==> flow/design.v <==
module gen_adder #(
    parameter NBITS = 14
) (
    input  wire clk,
    input  wire RSTN,
    input  wire [NBITS-1:0] dataa,
    input  wire [NBITS-1:0] datab,
    input  wire cin,
    output reg [NBITS-1:0] o,
    output reg carry
);
    wire [NBITS:0] val = dataa + datab + cin;
    always @(posedge clk or negedge RSTN) begin
        if (~RSTN) begin
            o <= 0;
            carry <= 1'b0;
        end else begin
            o <= val[NBITS-1:0];
            carry <= val[NBITS];
        end
    end
endmodule
Step by step through the tools: gen_adder
Tool output for the design above, in the order of the flow.
Line numbers count from 1 in the design file above.
Operators: Yosys type, input widths -> output width; for muxes data width and select width s.
Library cell names are shortened.
{"block": "design", "design": "gen_adder", "clock_port": "clk", "library": "sky130hd", "lib_corner": "tt_025C_1v80"}

Word-level counts
Source: Yosys, flattened and elaborated, memories not mapped. Widths are those after wreduce; folded enables and synchronous resets count as part of the registers. Registers that Yosys merges into a memory's read port (data or address) are not register bits. Print and check cells do not count. Equal cells are merged and count once.
{"block": "classes", "addsub": 2, "n_shift": 0, "mul": 0, "n_div": 0, "n_reduce_logical": 0, "n_eq": 0, "n_logic": 0, "muxes": 0, "compare": 0}
{"block": "op_table", "cell": "$add 14x14->15", "count": 1}
{"block": "op_table", "cell": "$add 15x1->15", "count": 1}
{"block": "bits", "latchBits": 0, "input_bits": 31, "ff_bits": 15, "word_cells": 4, "n_memories": 0, "romBits": 0, "ram_bits": 0, "clocked_rd_ports_x_width": 0}

Logic depth
Longest topological path by Yosys (ltp), each cell counted once; first at word level (registers and memories cut), then after technology mapping (sequential cells cut; the memories' decode and read muxes count).
{"block": "depth", "word_depth": 2, "abc_area": 0, "mapped_depth": 8}

After synthesis
Source: synth_stat.txt of the flow (Yosys; design flattened, memories mapped). It holds for the ABC_AREA given above (unset counts as 0); a run with the other value may have another netlist.
The area totals of this step are shown rounded.
{"block": "synth_totals", "buf_cells": 0, "flip_flops": 15, "seqArea_um2": 375, "mapped_area_um2": 1030, "stdcells": 97}
{"block": "by_type", "type": "dfrtp_1", "count": 15, "type_area_um2": 375.36}
{"block": "by_type", "type": "ha_1", "count": 13, "type_area_um2": 162.656}
{"block": "by_type", "type": "xnor2_1", "count": 8, "type_area_um2": 70.067}
{"block": "by_type", "type": "a21oi_1", "count": 8, "type_area_um2": 40.038}
{"block": "by_type", "type": "fa_1", "count": 2, "type_area_um2": 40.038}
{"block": "by_type", "type": "a21o_1", "count": 5, "type_area_um2": 37.536}
{"block": "by_type", "type": "a21oi_2", "count": 4, "type_area_um2": 35.034}
{"block": "by_type", "type": "xor2_1", "count": 4, "type_area_um2": 35.034}
{"block": "by_type", "type": "nand2_1", "count": 5, "type_area_um2": 18.768}
{"block": "by_type", "type": "nand2b_1", "count": 3, "type_area_um2": 18.768}
{"block": "by_type", "type": "nor2b_1", "count": 3, "type_area_um2": 18.768}
{"block": "by_type", "type": "a21boi_0", "count": 2, "type_area_um2": 15.014}
{"block": "by_type", "type": "a311oi_2", "count": 1, "type_area_um2": 15.014}
{"block": "by_type", "type": "inv_1", "count": 4, "type_area_um2": 15.014}
{"block": "by_type", "type": "nor2_1", "count": 4, "type_area_um2": 15.014}
{"block": "by_type", "type": "o2111ai_2", "count": 1, "type_area_um2": 15.014}
{"block": "by_type", "type": "a311o_1", "count": 1, "type_area_um2": 10.01}
{"block": "by_type", "type": "and4_2", "count": 1, "type_area_um2": 10.01}
Other cell types: 12; their cells: 13.

Worst setup path after synthesis
OpenSTA on the mapped netlist: ideal clock, no wires. The path of least setup slack (recovery checks aside). Input and output delay are each 20% of the period. Register names are those of the netlist, which keeps one name where synthesis merged equal registers.
{"block": "synth_path", "path_kind": "input to register", "from": "input dataa[0]", "to": "register carry", "tclk_ns": 2.48, "path_delay_ns": 1.588, "path_stages": 8, "arrival_time_ns": 1.958, "path_buffers": 0, "path_slack_ns": 0.396, "t_first_pin_ns": 0.496, "synth_period_reached_ns": 2.084}
"path_delay_ns" is the arrival time less input delay plus setup time.
"path_stages" counts driving pins, that of a launching flip-flop among them; a cell with two outputs on the path counts twice.
"synth_period_reached_ns" is the clock period less the worst setup slack; recovery checks do not enter. This is arithmetic on one report: input and output delays are still those of the set period (20% each).
Between the ends stands the longest chain of elaborated cells between them, by number of cells; it is not shown to be the way that was timed. Of several equally long chains one is given.
A line is the first line of the expression or statement that the cell stems from. Yosys adds cells for indexed reads and writes and turns some case tables into memories.
{"block": "synth_via", "cell_sequence": "fa_1 > inv_1 > fa_1 > nand2b_1 > a21oi_2 > o2111ai_2 > nand2_1 > a311o_1", "elab_chain_cells": 2, "cells_between": 2, "cone_lines": 1, "cone_classes": "add/sub (2)"}
{"block": "synth_rtl", "element": "from (decl)", "line": 6, "rtl": "input  wire [NBITS-1:0] dataa,"}
{"block": "synth_rtl", "element": "$add 14x14->15", "line": 12, "rtl": "wire [NBITS:0] val = dataa + datab + cin;"}
{"block": "synth_rtl", "element": "$add 15x1->15", "line": 12}
{"block": "synth_rtl", "element": "to (assign)", "line": 16, "rtl": "carry <= 1'b0;"}
{"block": "synth_rtl", "element": "to (assign)", "line": 19, "rtl": "carry <= val[NBITS];"}
{"block": "synth_rtl", "element": "to (decl)", "line": 10, "rtl": "output reg carry"}

Timing after layout
From the final timing report of flow run 1: the path of least setup slack in the routed layout; clock arrival at registers is part of the times.
{"block": "layout_path", "path_kind": "input to register", "from": "input dataa[0]", "to": "register o[13]", "tclk_ns": 1.54, "path_stages": 9, "t_first_pin_ns": 0.31, "arrival_time_ns": 1.96, "path_buffers": 3, "path_slack_ns": -0.25}
Between the ends stands the longest chain of elaborated cells between them, by number of cells; it is not shown to be the way that was timed. Of several equally long chains one is given.
{"block": "layout_via", "cell_sequence": "buf_6 > fa_2 > buf_4 > buf_6 > a21oi_4 > nand4b_1 > a21oi_2 > a311oi_2 > xnor2_1", "elab_chain_cells": 2, "cells_between": 2, "cone_lines": 1, "cone_classes": "add/sub (2)"}
{"block": "layout_rtl", "element": "from (decl)", "line": 6, "rtl": "input  wire [NBITS-1:0] dataa,"}
{"block": "layout_rtl", "element": "$add 14x14->15", "line": 12, "rtl": "wire [NBITS:0] val = dataa + datab + cin;"}
{"block": "layout_rtl", "element": "$add 15x1->15", "line": 12}
{"block": "layout_rtl", "element": "to (assign)", "line": 15, "rtl": "o <= 0;"}
{"block": "layout_rtl", "element": "to (assign)", "line": 18, "rtl": "o <= val[NBITS-1:0];"}
{"block": "layout_rtl", "element": "to (decl)", "line": 9, "rtl": "output reg [NBITS-1:0] o,"}

Lab notebook: gen_adder

3 stored runs of gen_adder in the flow (synthesis by Yosys, layout by OpenROAD, sky130hd cells), in arbitrary order. Constraints: input delay and output delay 20% of the set period each, output load 0.01 pF.
By "timing.worst_path_ns" is meant the share of the clock period that the worst setup path is allowed (20% is reserved at inputs, 20% at outputs), minus its slack. Clock arrival times at its registers enter into it.
Measured values are rounded.

Flow run 1
==> flow/run.sh <==
#!/bin/bash
# the make line also repeats the synthesis and layout settings of config.mk as NAME=value (left out here)
make -C /OpenROAD-flow-scripts/flow DESIGN_CONFIG=/design/flow/config.mk WORK_HOME=/design/flow/orfs CLKGATE_MAP_FILE= finish
==> flow/config.mk <==
export PLATFORM = sky130hd
export DESIGN_NAME = gen_adder
export DESIGN_NICKNAME = gen_adder
export VERILOG_FILES = /design/flow/design.v
export SDC_FILE = /design/flow/constraint.sdc
export NUM_CORES = 4
export LEC_CHECK = 0
export CAP_MARGIN = 20
export CELL_PAD_IN_SITES_DETAIL_PLACEMENT = 1
export CORE_ASPECT_RATIO = 1.25
export CORE_MARGIN = 2
export CORE_UTILIZATION = 30
export CTS_CLUSTER_SIZE = 43
export GPL_ROUTABILITY_DRIVEN = 0
export MAX_ROUTING_LAYER = met4
export SLEW_MARGIN = 20
export TNS_END_PERCENT = 75
==> flow/constraint.sdc <==
create_clock -name core_clock -period 1.54 [get_ports {clk}]
set_input_delay 0.3080 -clock core_clock [delete_from_list [all_inputs] [get_ports {clk}]]
set_output_delay 0.3080 -clock core_clock [all_outputs]
set_load 0.01 [all_outputs]

==> results of flow run 1, as JSON <==
{
  "finalCellArea_um2": 2060,
  "layout_utilization_pct": 63.5,
  "final_setup_ws_ns": -0.250,
  "timing.setup.tns_ns": -1.69,
  "timing.worst_path_ns": 1.48,
  "worst_setup_path_type": "input to register",
  "synth_area_um2": 1030,
  "die_area_um2": 3930
}

Flow run 2
==> flow/run.sh <==
#!/bin/bash
# the make line also repeats the synthesis and layout settings of config.mk as NAME=value (left out here)
make -C /OpenROAD-flow-scripts/flow DESIGN_CONFIG=/design/flow/config.mk WORK_HOME=/design/flow/orfs CLKGATE_MAP_FILE= finish
==> flow/config.mk <==
export PLATFORM = sky130hd
export DESIGN_NAME = gen_adder
export DESIGN_NICKNAME = gen_adder
export VERILOG_FILES = /design/flow/design.v
export SDC_FILE = /design/flow/constraint.sdc
export NUM_CORES = 4
export LEC_CHECK = 0
export CAP_MARGIN = 20
export CORE_MARGIN = 2
export CORE_UTILIZATION = 40
export SLEW_MARGIN = 20
==> flow/constraint.sdc <==
create_clock -name core_clock -period 2.48 [get_ports {clk}]
set_input_delay 0.4960 -clock core_clock [delete_from_list [all_inputs] [get_ports {clk}]]
set_output_delay 0.4960 -clock core_clock [all_outputs]
set_load 0.01 [all_outputs]

==> results of flow run 2, as JSON <==
{
  "finalCellArea_um2": 1560,
  "layout_utilization_pct": 63.7,
  "final_setup_ws_ns": 0.101,
  "timing.setup.tns_ns": 0.000,
  "timing.worst_path_ns": 1.88,
  "worst_setup_path_type": "input to register",
  "synth_area_um2": 1030,
  "die_area_um2": 3010
}

Flow run 3
==> flow/run.sh <==
#!/bin/bash
# the make line also repeats the synthesis and layout settings of config.mk as NAME=value (left out here)
make -C /OpenROAD-flow-scripts/flow DESIGN_CONFIG=/design/flow/config.mk WORK_HOME=/design/flow/orfs CLKGATE_MAP_FILE= finish
==> flow/config.mk <==
export PLATFORM = sky130hd
export DESIGN_NAME = gen_adder
export DESIGN_NICKNAME = gen_adder
export VERILOG_FILES = /design/flow/design.v
export SDC_FILE = /design/flow/constraint.sdc
export NUM_CORES = 4
export LEC_CHECK = 0
export CAP_MARGIN = 20
export CORE_ASPECT_RATIO = 0.95
export CORE_MARGIN = 2
export CORE_UTILIZATION = 40
export CTS_CLUSTER_SIZE = 34
export SETUP_SLACK_MARGIN = -0.12
export SLEW_MARGIN = 20
export TNS_END_PERCENT = 90
==> flow/constraint.sdc <==
create_clock -name core_clock -period 1.62 [get_ports {clk}]
set_input_delay 0.3240 -clock core_clock [delete_from_list [all_inputs] [get_ports {clk}]]
set_output_delay 0.3240 -clock core_clock [all_outputs]
set_load 0.01 [all_outputs]

==> results of flow run 3, as JSON <==
{
  "finalCellArea_um2": 1900,
  "layout_utilization_pct": 79.7,
  "final_setup_ws_ns": -0.090,
  "timing.setup.tns_ns": -0.392,
  "timing.worst_path_ns": 1.39,
  "worst_setup_path_type": "input to register",
  "synth_area_um2": 1030,
  "die_area_um2": 3010
}
